==> flow/design.v <==
module u_sum_block_blk #(
  parameter int WD = 10,
  parameter int INPUTS = 20,
  parameter int SUM_W = WD + $clog2(INPUTS)
) (
  input  logic clk_i,
  input  logic i_rst,
  input  logic [INPUTS*WD-1:0] d_in,
  output logic [SUM_W-1:0] result_out
);
  logic [INPUTS*WD-1:0] r_d;
  always_ff @(posedge clk_i or posedge i_rst) begin
    if (i_rst) begin
      r_d <= 0;
    end else begin
      r_d <= d_in;
    end
  end
  logic [SUM_W-1:0] cur;
  always_comb begin
    cur = 0;
    for (int n = 0; n < INPUTS; n++)
      cur = cur + r_d[n*WD +: WD];
  end
  always_ff @(posedge clk_i or posedge i_rst) begin
    if (i_rst) begin
      result_out <= 0;
    end else begin
      result_out <= cur;
    end
  end
endmodule
# From RTL to reports: u_sum_block_blk
# The steps from the RTL of u_sum_block_blk to its reports follow in flow order.
# Lines are those of the file above, counted from 1.
# Operators carry their Yosys type and port widths (W data, S select, Z words).
# Cell names lack the library's common part.
# The mark - stands for no value.
[design]
design = "u_sum_block_blk"
clock = "clk_i"
cell_library = "sky130hd"
corner = "tt_025C_1v80"

# Elaborated design
# Source: Yosys, flattened and elaborated, memories not mapped. Widths are those after wreduce; folded enables and synchronous resets count as part of the registers. Registers that Yosys merges into a memory's read port (data or address) are not register bits. Print and check cells do not count. Equal cells are merged and count once.
[word_totals]
reg_bits = 215
in_bits = 202
output_inout_bits = 15
wordCells = 21
[classes]
add_sub_neg = 19
[op_table]
columns = ["op", "n"]
rows = [
  ["$add A15 B10 Y15", 14],
  ["$add A14 B10 Y15", 1],
  ["$add A13 B10 Y14", 1],
  ["$add A12 B10 Y13", 1],
  ["$add A11 B10 Y12", 1],
  ["$add A10 B10 Y11", 1],
]

# Logic depth
# Longest topological path by Yosys (ltp), each cell counted once; first at word level (registers and memories cut), then after technology mapping (sequential cells cut; the memories' decode and read muxes count).
[depth]
depth_word = 19
ABC_AREA = 0
mapped_depth = 22
depth_no_buf = 21

# Netlist
# Source: synth_stat.txt of the flow (Yosys; design flattened, memories mapped). It holds for the ABC_AREA given above (unset counts as 0); a run with the other value may have another netlist.
# The area totals of this step are shown rounded.
[mapped]
stdcells = 765
area_um2 = 10730
seq_area_um2 = 5380
flip_flops = 215
buffers = 1
[by_type]
columns = ["type", "n", "area_total_um2"]
rows = [
  ["dfrtp_1", 215, 5380.16],
  ["fa_1", 174, 3.48E+03],
  ["inv_1", 285, 1.07E+03],
  ["ha_1", 32, 400.384],
  ["xnor2_1", 6, 52.55],
  ["a21oi_1", 7, 35.034],
  ["xor2_1", 4, 35.034],
  ["nand2_1", 7, 26.275],
  ["nor2_1", 6, 22.522],
  ["nor2b_1", 3, 18.768],
  ["a21o_1", 2, 15.014],
  ["o211ai_1", 2, 15.014],
  ["o21a_1", 2, 15.014],
  ["o21ai_0", 3, 15.014],
  ["a31oi_1", 2, 12.512],
  ["nor4_2", 1, 12.512],
  ["a221o_2", 1, 11.261],
  ["buf_6", 1, 11.261],
]
# Other cell types: 11; their cells: 12.

# Path before layout
# Source: OpenSTA report_checks on the synthesized netlist (no wires, ideal clock, input and output delay 20% of the period each), path of least setup slack; recovery checks are left aside. Register names are those of the netlist, which keeps one name where synthesis merged equal registers.
[synth_timing]
path_kind = "register to register"
start = "register r_d[159]"
end = "register result_out[13]"
period_ns = 6.67
setup_time_ns = 0.123
t_first_pin_ns = 0.000
arrival_time_ns = 5.213
t_required_ns = 6.547
setup_slack_ns = 1.335
path_delay_ns = 5.336
path_stages = 20
n_path_buf = 1
period_less_setup_slack_ns = 5.335
# "path_delay_ns" = arrival - input delay + setup time.
# "path_stages": output pins that drive a net of the path, with the launching flip-flop's if there is one; two outputs of one cell count as two.
# "period_less_setup_slack_ns" is the clock period less the worst setup slack; recovery checks do not enter. This is arithmetic on one report: input and output delays are still those of the set period (20% each).
# Between the ends stands the longest chain of elaborated cells between them, by number of cells; it is not shown to be the way that was timed. Of several equally long chains one is given.
# A line is the first line of the expression or statement that the cell stems from. Yosys adds cells for indexed reads and writes and turns some case tables into memories.
[synth_between]
path_cell_list = "dfrtp_1 -> fa_1 -> inv_1 -> fa_1 -> inv_1 -> fa_1 -> fa_1 -> inv_1 -> fa_1 -> inv_1 -> fa_1 -> inv_1 -> fa_1 -> inv_1 -> ha_1 -> buf_6 -> a22o_1 -> o41a_1 -> a41o_1 -> xor2_1"
elab_chain_cells = 5
cells_between = 5
lines_between = 1
cone_classes = "5 x add/sub"
[synth_lines]
columns = ["element", "line_no", "source"]
rows = [
  ["start: declaration", 11, "logic [INPUTS*WD-1:0] r_d;"],
  ["start: assignment", 14, "r_d <= 0;"],
  ["start: assignment", 16, "r_d <= d_in;"],
  ["$add A15 B10 Y15 x5", 23, "cur = cur + r_d[n*WD +: WD];"],
  ["end: assignment", 27, "result_out <= 0;"],
  ["end: assignment", 29, "result_out <= cur;"],
  ["end: declaration", 9, "output logic [SUM_W-1:0] result_out"],
]

# Worst path after layout
# From the final timing report of run 1: the path of least setup slack in the routed layout; clock arrival at registers is part of the times.
[layout_timing]
path_kind = "register to register"
start = "register r_d[125]"
end = "register result_out[14]"
period_ns = 4.17
setup_time_ns = 0.05
t_first_pin_ns = 0.60
arrival_time_ns = 6.16
t_required_ns = 4.72
setup_slack_ns = -1.44
path_stages = 19
n_path_buf = 1
# Between the ends stands the longest chain of elaborated cells between them, by number of cells; it is not shown to be the way that was timed. Of several equally long chains one is given.
[layout_between]
path_cell_list = "dfrtp_1 -> fa_1 -> inv_2 -> fa_2 -> fa_1 -> inv_1 -> fa_2 -> fa_2 -> fa_1 -> inv_1 -> fa_1 -> inv_1 -> ha_4 -> nor4_4 -> nor2_1 -> o211ai_1 -> o21ai_2 -> buf_4 -> a221o_2"
elab_chain_cells = 8
cells_between = 8
lines_between = 1
cone_classes = "8 x add/sub"
[layout_lines]
columns = ["element", "line_no", "source"]
rows = [
  ["start: declaration", 11, "logic [INPUTS*WD-1:0] r_d;"],
  ["start: assignment", 14, "r_d <= 0;"],
  ["start: assignment", 16, "r_d <= d_in;"],
  ["$add A15 B10 Y15 x8", 23, "cur = cur + r_d[n*WD +: WD];"],
  ["end: assignment", 27, "result_out <= 0;"],
  ["end: assignment", 29, "result_out <= cur;"],
  ["end: declaration", 9, "output logic [SUM_W-1:0] result_out"],
]

Memo
Re: implementation data of u_sum_block_blk

Module u_sum_block_blk, platform sky130hd: 3 stored runs of the flow (Yosys, OpenROAD) with differing settings, in no particular order. Input and output delays are each 20% of the period that was set; the output load is 0.01 pF.
By "achieved_period_ns" is meant the clock period of the run minus its worst setup slack. This is arithmetic on one report: input and output delays are still those of the set period (20% each).
"worstPathTime_ns" means the part of the period allowed to the worst setup path (the constraints hold back 20% at inputs and 20% at outputs) less its slack; where the path has registers, the arrival times of their clocks count too.
Results are given in rounded form.

# run 1
==> flow/run.sh <==
#!/bin/bash
# the make line also repeats the synthesis and layout settings of config.mk as NAME=value (left out here)
make -C /OpenROAD-flow-scripts/flow DESIGN_CONFIG=/design/flow/config.mk WORK_HOME=/design/flow/orfs CLKGATE_MAP_FILE= finish
==> flow/config.mk <==
export PLATFORM = sky130hd
export DESIGN_NAME = u_sum_block_blk
export DESIGN_NICKNAME = u_sum_block_blk
export VERILOG_FILES = /design/flow/design.v
export SDC_FILE = /design/flow/constraint.sdc
export NUM_CORES = 4
export LEC_CHECK = 0
export CAP_MARGIN = 20
export CORE_MARGIN = 8
export CORE_UTILIZATION = 26
export CTS_CLUSTER_DIAMETER = 274
export CTS_CLUSTER_SIZE = 96
export GPL_ROUTABILITY_DRIVEN = 1
export GPL_TIMING_DRIVEN = 1
export MIN_ROUTING_LAYER = met1
export PLACE_DENSITY_LB_ADDON = 0.08
export SETUP_SLACK_MARGIN = 0.65
export SLEW_MARGIN = 20
export TNS_END_PERCENT = 45
==> flow/constraint.sdc <==
create_clock -name core_clock -period 4.17 [get_ports {clk_i}]
set_input_delay 0.8340 -clock core_clock [delete_from_list [all_inputs] [get_ports {clk_i}]]
set_output_delay 0.8340 -clock core_clock [all_outputs]
set_load 0.01 [all_outputs]

==> run 1: results <==
tns_ns=-14.45
finalUtil_pct=34.8
total_die_area_um2=48030
achieved_period_ns=5.610
worstPathTime_ns=5.61
worstPathKind="register to register"
hold_worst_slack_ns=0.538
synth_chip_area_um2=10730
worstSetupSlack_ns=-1.440
stdcell_area_um2=14210

# run 2
==> flow/run.sh <==
#!/bin/bash
# the make line also repeats the synthesis and layout settings of config.mk as NAME=value (left out here)
make -C /OpenROAD-flow-scripts/flow DESIGN_CONFIG=/design/flow/config.mk WORK_HOME=/design/flow/orfs CLKGATE_MAP_FILE= finish
==> flow/config.mk <==
export PLATFORM = sky130hd
export DESIGN_NAME = u_sum_block_blk
export DESIGN_NICKNAME = u_sum_block_blk
export VERILOG_FILES = /design/flow/design.v
export SDC_FILE = /design/flow/constraint.sdc
export NUM_CORES = 4
export LEC_CHECK = 0
export CAP_MARGIN = 20
export CORE_MARGIN = 2
export CORE_UTILIZATION = 40
export SLEW_MARGIN = 20
==> flow/constraint.sdc <==
create_clock -name core_clock -period 6.67 [get_ports {clk_i}]
set_input_delay 1.3340 -clock core_clock [delete_from_list [all_inputs] [get_ports {clk_i}]]
set_output_delay 1.3340 -clock core_clock [all_outputs]
set_load 0.01 [all_outputs]

==> run 2: results <==
tns_ns=0.000
finalUtil_pct=53.7
total_die_area_um2=28150
achieved_period_ns=5.625
worstPathTime_ns=5.63
worstPathKind="register to register"
hold_worst_slack_ns=0.493
synth_chip_area_um2=10730
worstSetupSlack_ns=1.045
stdcell_area_um2=14080

# run 3
==> flow/run.sh <==
#!/bin/bash
# the make line also repeats the synthesis and layout settings of config.mk as NAME=value (left out here)
make -C /OpenROAD-flow-scripts/flow DESIGN_CONFIG=/design/flow/config.mk WORK_HOME=/design/flow/orfs CLKGATE_MAP_FILE= finish
==> flow/config.mk <==
export PLATFORM = sky130hd
export DESIGN_NAME = u_sum_block_blk
export DESIGN_NICKNAME = u_sum_block_blk
export VERILOG_FILES = /design/flow/design.v
export SDC_FILE = /design/flow/constraint.sdc
export NUM_CORES = 4
export LEC_CHECK = 0
export ABC_AREA = 0
export CAP_MARGIN = 40
export CELL_PAD_IN_SITES_GLOBAL_PLACEMENT = 3
export CORE_MARGIN = 10
export CORE_UTILIZATION = 69
export GPL_ROUTABILITY_DRIVEN = 1
export GPL_TIMING_DRIVEN = 1
export PLACE_DENSITY_LB_ADDON = 0.14
export SLEW_MARGIN = 40
==> flow/constraint.sdc <==
create_clock -name core_clock -period 3.65 [get_ports {clk_i}]
set_input_delay 0.7300 -clock core_clock [delete_from_list [all_inputs] [get_ports {clk_i}]]
set_output_delay 0.7300 -clock core_clock [all_outputs]
set_load 0.01 [all_outputs]

==> run 3: results <==
outcome="no results, placement failed with FLW-0024"
